==> flow/design.v <==
module adder_la4 (
  input wire [3:0] a,
  input wire [3:0] b,
  input wire ci,
  output wire [3:0] s,
  output wire co
);
  wire [3:0] g = a & b;
  wire [3:0] p = a ^ b;
  wire c1 = g[0] | (p[0] & ci);
  wire c2 = g[1] | (p[1] & g[0]) | (p[1] & p[0] & ci);
  wire c3 = g[2] | (p[2] & g[1]) | (p[2] & p[1] & g[0]) | (p[2] & p[1] & p[0] & ci);
  assign co = g[3] | (p[3] & g[2]) | (p[3] & p[2] & g[1]) | (p[3] & p[2] & p[1] & g[0]) | (&p & ci);
  assign s = p ^ {c3, c2, c1, ci};
endmodule
module adder #(
  parameter WIDTH = 64
) (
  input wire ck,
  input wire clk_en,
  input wire [WIDTH-1:0] src1_i,
  input wire [WIDTH-1:0] src2_i,
  input wire c0_i,
  output reg [WIDTH-1:0] res_o,
  output reg ovf_o
);
  reg [WIDTH-1:0] src1_d1;
  reg [WIDTH-1:0] src2_d1;
  reg c0_d1;
  always @(posedge ck) begin
    if (clk_en) begin
      src1_d1 <= src1_i;
      src2_d1 <= src2_i;
      c0_d1 <= c0_i;
    end
  end
  localparam GROUPS = WIDTH / 4;
  wire [WIDTH-1:0] t;
  wire [GROUPS:0] cy;
  assign cy[0] = c0_d1;
  genvar ii;
  generate
    for (ii = 0; ii < GROUPS; ii = ii + 1) begin : row
      adder_la4 u (.a(src1_d1[4*ii +: 4]), .b(src2_d1[4*ii +: 4]), .ci(cy[ii]), .s(t[4*ii +: 4]), .co(cy[ii+1]));
    end
  endgenerate
  always @(posedge ck) begin
    if (clk_en) begin
      res_o <= t;
      ovf_o <= cy[GROUPS];
    end
  end
endmodule
Step by step through the tools: adder

What the tools print for adder, step after step.
Line numbers count from 1 in the design file above.
Operators carry their Yosys type and port widths (W data, S select, Z words).
Library cell names are shortened.
A cell with n/a has no value.

Design top: adder
Clock port: ck
Standard-cell library: sky130hd
Corner: tt_025C_1v80

Elaborated design

Source: Yosys, flattened and elaborated, memories not mapped. Widths are those after wreduce; folded enables and synchronous resets count as part of the registers. Registers that Yosys merges into a memory's read port (data or address) are not register bits. Print and check cells do not count. Equal cells are merged and count once.

Register bits after elaboration: 194
Input bits: 131
Output and inout bits: 65
Elaborated cells: 469

Bitwise operators: 448
Reduce/logical cells: 16

Operators with widths:

| kind              | count |
| $and A1 B1 Y1     | 240 |
| $or A1 B1 Y1      | 160 |
| $xor A4 B4 Y4     | 32 |
| $and A4 B4 Y4     | 16 |
| $reduce_and A4 Y1 | 16 |

Longest topological paths

Depth = most cells in a row (Yosys ltp): at word level without a register or memory, in the mapped netlist without a sequential cell, where the memories' decode and read muxes count.

Word-level depth: 37
ABC_AREA: 1
Gate-level depth with buffers: 37
Depth with buffers taken out: 37

Synthesis result

Yosys stat after the flow's synthesis: flattened, memories mapped to cells. It holds for the ABC_AREA given above (unset counts as 0); a run with the other value may have another netlist.
Totals and module areas in this step are rounded.

Cell types:

| cell type | count | area in all (µm²) |
| edfxtp_1  | 194   | 5.83E+03 |
| ha_1      | 64    | 800.768 |
| fa_1      | 16    | 320.307 |
| xor2_1    | 30    | 262.752 |
| nand2_4   | 23    | 258.998 |
| nand2_1   | 55    | 206.448 |
| a21oi_1   | 41    | 205.197 |
| xnor2_1   | 15    | 131.376 |
| inv_1     | 28    | 105.101 |
| nand3_1   | 21    | 105.101 |
| nor2_1    | 25    | 93.84 |
| o21bai_1  | 8     | 60.058 |
| nand2_2   | 9     | 56.304 |
| a211oi_4  | 2     | 40.038 |
| a21oi_2   | 2     | 17.517 |
| nand3_2   | 1     | 10.01 |
| and2_1    | 1     | 6.256 |
| nand4_1   | 1     | 6.256 |

Not listed: further types 3, cells in them 3.

Cell count: 539
Synthesis area: 8520 µm²
Sequential area: 5830 µm²
Flip-flops: 194
Buffer cells: 0

Worst setup path after synthesis

OpenSTA on the mapped netlist: ideal clock, no wires. The path of least setup slack (recovery checks aside). Input and output delay are each 20% of the period. Register names are those of the netlist, which keeps one name where synthesis merged equal registers.

Path type: reg2reg
From: reg src2_d1[7]
To: reg res_o[61]
Period: 3.99 ns
Library setup time: 0.258 ns
Launch time at the first pin: 0.000 ns
Data arrival time: 3.168 ns
Required time: 3.732 ns
Path slack: 0.565 ns
Path delay: 3.426 ns
Stages: 34
Buffers on the path: 0
Period reached after synthesis: 3.425 ns

"path delay" = arrival - input delay + setup time.
"stages": output pins that drive a net of the path, with the launching flip-flop's if there is one; two outputs of one cell count as two.
"period reached after synthesis" is the clock period less the worst setup slack; recovery checks do not enter. This is arithmetic on one report: input and output delays are still those of the set period (20% each).
The rows between start and end are the longest chain of elaborated cells between them; the timing report does not say that the signal goes this way. Where chains are equally long, one stands for them.
Each line given opens the expression or statement behind the cell; cells for indexed reads and writes are added by Yosys, which also makes memories of some case tables.

Cells stage by stage: edfxtp_1 -> ha_1 -> a21oi_1 -> nand2_1 -> a21oi_2 -> nand2_4 -> nand2_4 -> nand2_4 -> nand2_4 -> nand2_4 -> nand2_2 -> nand2_4 -> nand2_4 -> nand2_4 -> nand2_4 -> nand2_4 -> nand2_4 -> nand2_4 -> nand2_4 -> nand2_4 -> nand2_4 -> nand2_4 -> nand2_4 -> nand2_4 -> nand2_4 -> nand2_4 -> nand2_2 -> nand2_2 -> nand2_2 -> nand2_4 -> nand2_4 -> nand2_4 -> fa_1 -> xor2_1
Cells in the longest elaborated chain: 35
Elaborated cells on any way between the ends: 42
Source lines of those cells: 5
Classes of those cells: logic (41); reduce/logical (1)

Ends and longest elaborated chain, after synthesis:

| what                      | line | text |
| from (decl)               | 28   | `reg [WIDTH-1:0] src2_d1;` |
| from (assign)             | 33   | `src2_d1 <= src2_i;` |
| $xor A4 B4 Y4             | 9    | `wire [3:0] p = a ^ b;` |
| $and A1 B1 Y1             | 13   | `assign co = g[3] \| (p[3] & g[2]) \| (p[3] & p[2] & g[1]) \| (p[3] & p[2] & p[1] & g[0]) \| (&p & ci);` |
| $or A1 B1 Y1 (4 in a row) | 13   |  |
| $and A1 B1 Y1             | 13   |  |
| $or A1 B1 Y1              | 13   |  |
| $and A1 B1 Y1             | 13   |  |
| $or A1 B1 Y1              | 13   |  |
| [... 18 more ...]         | n/a  |  |
| $and A1 B1 Y1             | 13   |  |
| $or A1 B1 Y1              | 13   |  |
| $and A1 B1 Y1             | 13   |  |
| $or A1 B1 Y1              | 13   |  |
| $and A1 B1 Y1             | 10   | `wire c1 = g[0] \| (p[0] & ci);` |
| $or A1 B1 Y1              | 10   |  |
| $xor A4 B4 Y4             | 14   | `assign s = p ^ {c3, c2, c1, ci};` |
| to (assign)               | 49   | `res_o <= t;` |
| to (decl)                 | 24   | `output reg [WIDTH-1:0] res_o,` |

Timing after layout

From the final timing report of flow run A: the path of least setup slack in the routed layout; clock arrival at registers is part of the times.

Path type: reg2reg
From: reg src2_d1[7]
To: reg res_o[61]
Period: 2.45 ns
Library setup time: 0.24 ns
Launch time at the first pin: 0.42 ns
Data arrival time: 3.65 ns
Required time: 2.63 ns
Path slack: -1.03 ns
Stages: 34
Buffers on the path: 0

The rows between start and end are the longest chain of elaborated cells between them; the timing report does not say that the signal goes this way. Where chains are equally long, one stands for them.

Cells stage by stage: edfxtp_1 -> ha_4 -> a21oi_2 -> nand2_1 -> a21oi_2 -> nand2_4 -> nand2_4 -> nand2_4 -> nand2_4 -> nand2_4 -> nand2_4 -> nand2_4 -> nand2_4 -> nand2_4 -> nand2_4 -> nand2_4 -> nand2_4 -> nand2_4 -> nand2_4 -> nand2_4 -> nand2_4 -> nand2_4 -> nand2_4 -> nand2_4 -> nand2_4 -> nand2_4 -> nand2_4 -> nand2_4 -> nand2_4 -> nand2_4 -> nand2_4 -> nand2_4 -> fa_2 -> xor2_1
Cells in the longest elaborated chain: 35
Elaborated cells on any way between the ends: 42
Source lines of those cells: 5
Classes of those cells: logic (41); reduce/logical (1)

Ends and longest elaborated chain, post-layout:

| what                      | line | text |
| from (decl)               | 28   | `reg [WIDTH-1:0] src2_d1;` |
| from (assign)             | 33   | `src2_d1 <= src2_i;` |
| $xor A4 B4 Y4             | 9    | `wire [3:0] p = a ^ b;` |
| $and A1 B1 Y1             | 13   | `assign co = g[3] \| (p[3] & g[2]) \| (p[3] & p[2] & g[1]) \| (p[3] & p[2] & p[1] & g[0]) \| (&p & ci);` |
| $or A1 B1 Y1 (4 in a row) | 13   |  |
| $and A1 B1 Y1             | 13   |  |
| $or A1 B1 Y1              | 13   |  |
| $and A1 B1 Y1             | 13   |  |
| $or A1 B1 Y1              | 13   |  |
| [... 18 more ...]         | n/a  |  |
| $and A1 B1 Y1             | 13   |  |
| $or A1 B1 Y1              | 13   |  |
| $and A1 B1 Y1             | 13   |  |
| $or A1 B1 Y1              | 13   |  |
| $and A1 B1 Y1             | 10   | `wire c1 = g[0] \| (p[0] & ci);` |
| $or A1 B1 Y1              | 10   |  |
| $xor A4 B4 Y4             | 14   | `assign s = p ^ {c3, c2, c1, ci};` |
| to (assign)               | 49   | `res_o <= t;` |
| to (decl)                 | 24   | `output reg [WIDTH-1:0] res_o,` |

==> runs of adder <==
Measured results for adder: 3 stored runs of the Yosys and OpenROAD flow on sky130hd. The settings differ; the order carries no meaning. The constraints put input and output delay at 20% of the set period each and load the outputs with 0.01 pF.
By "period reached" is meant the clock period of the run minus its worst setup slack. This is arithmetic on one report: input and output delays are still those of the set period (20% each).
"critical setup path time" means the part of the period allowed to the worst setup path (the constraints hold back 20% at inputs and 20% at outputs) less its slack; where the path has registers, the arrival times of their clocks count too.
"total power of the final layout" rests on the timing tool's default activity at the inputs, not on a simulated workload.
The measured numbers are rounded.
A setting shown as -- is not set for that run.

| item                                      | flow run A | flow run B | flow run C |
| period_ns                                 | 2.45       | 3.99       | 3.62       |
| CORE_UTILIZATION                          | 36         | 40         | 33         |
| PLACE_DENSITY                             | 0.94       | --         | --         |
| HOLD_SLACK_MARGIN                         | 0.28       | --         | --         |
| ABC_AREA                                  | 1          | --         | --         |
| CTS_CLUSTER_SIZE                          | 25         | --         | --         |
| SLEW_MARGIN                               | 0          | 20         | 25         |
| CAP_MARGIN                                | 20         | 20         | 20         |
| CORE_MARGIN                               | 2          | 2          | 2          |
| SETUP_SLACK_MARGIN                        | --         | --         | 0.72       |
| TNS_END_PERCENT                           | --         | --         | 45         |
| GPL_TIMING_DRIVEN                         | --         | --         | 1          |
| GPL_ROUTABILITY_DRIVEN                    | --         | --         | 1          |
| CTS_CLUSTER_DIAMETER                      | --         | --         | 40         |
| MIN_ROUTING_LAYER                         | --         | --         | met2       |
| MAX_ROUTING_LAYER                         | --         | --         | met5       |
| summed negative setup slack (ns)          | -24.5      | 0.000      | 0.000      |
| worst hold slack in the final report (ns) | 0.603      | 0.652      | 0.654      |
| period reached (ns)                       | 3.475      | 3.647      | 3.269      |
| critical setup path time (ns)             | 3.48       | 3.65       | 3.27       |
| worst path kind                           | reg2reg    | reg2reg    | reg2reg    |
| worst setup slack after layout (ns)       | -1.03      | 0.343      | 0.351      |
| total power of the final layout (W)       | 0.00928    | 0.00552    | 0.00641    |
| post-synthesis cell area (µm²)            | 8520       | 8860       | 8860       |
| standard-cell area after layout (µm²)     | 12500      | 11800      | 12700      |
| utilization after routing (%)             | 53.5       | 54.1       | 48.6       |
| overall die area (µm²)                    | 24900      | 23400      | 28200      |
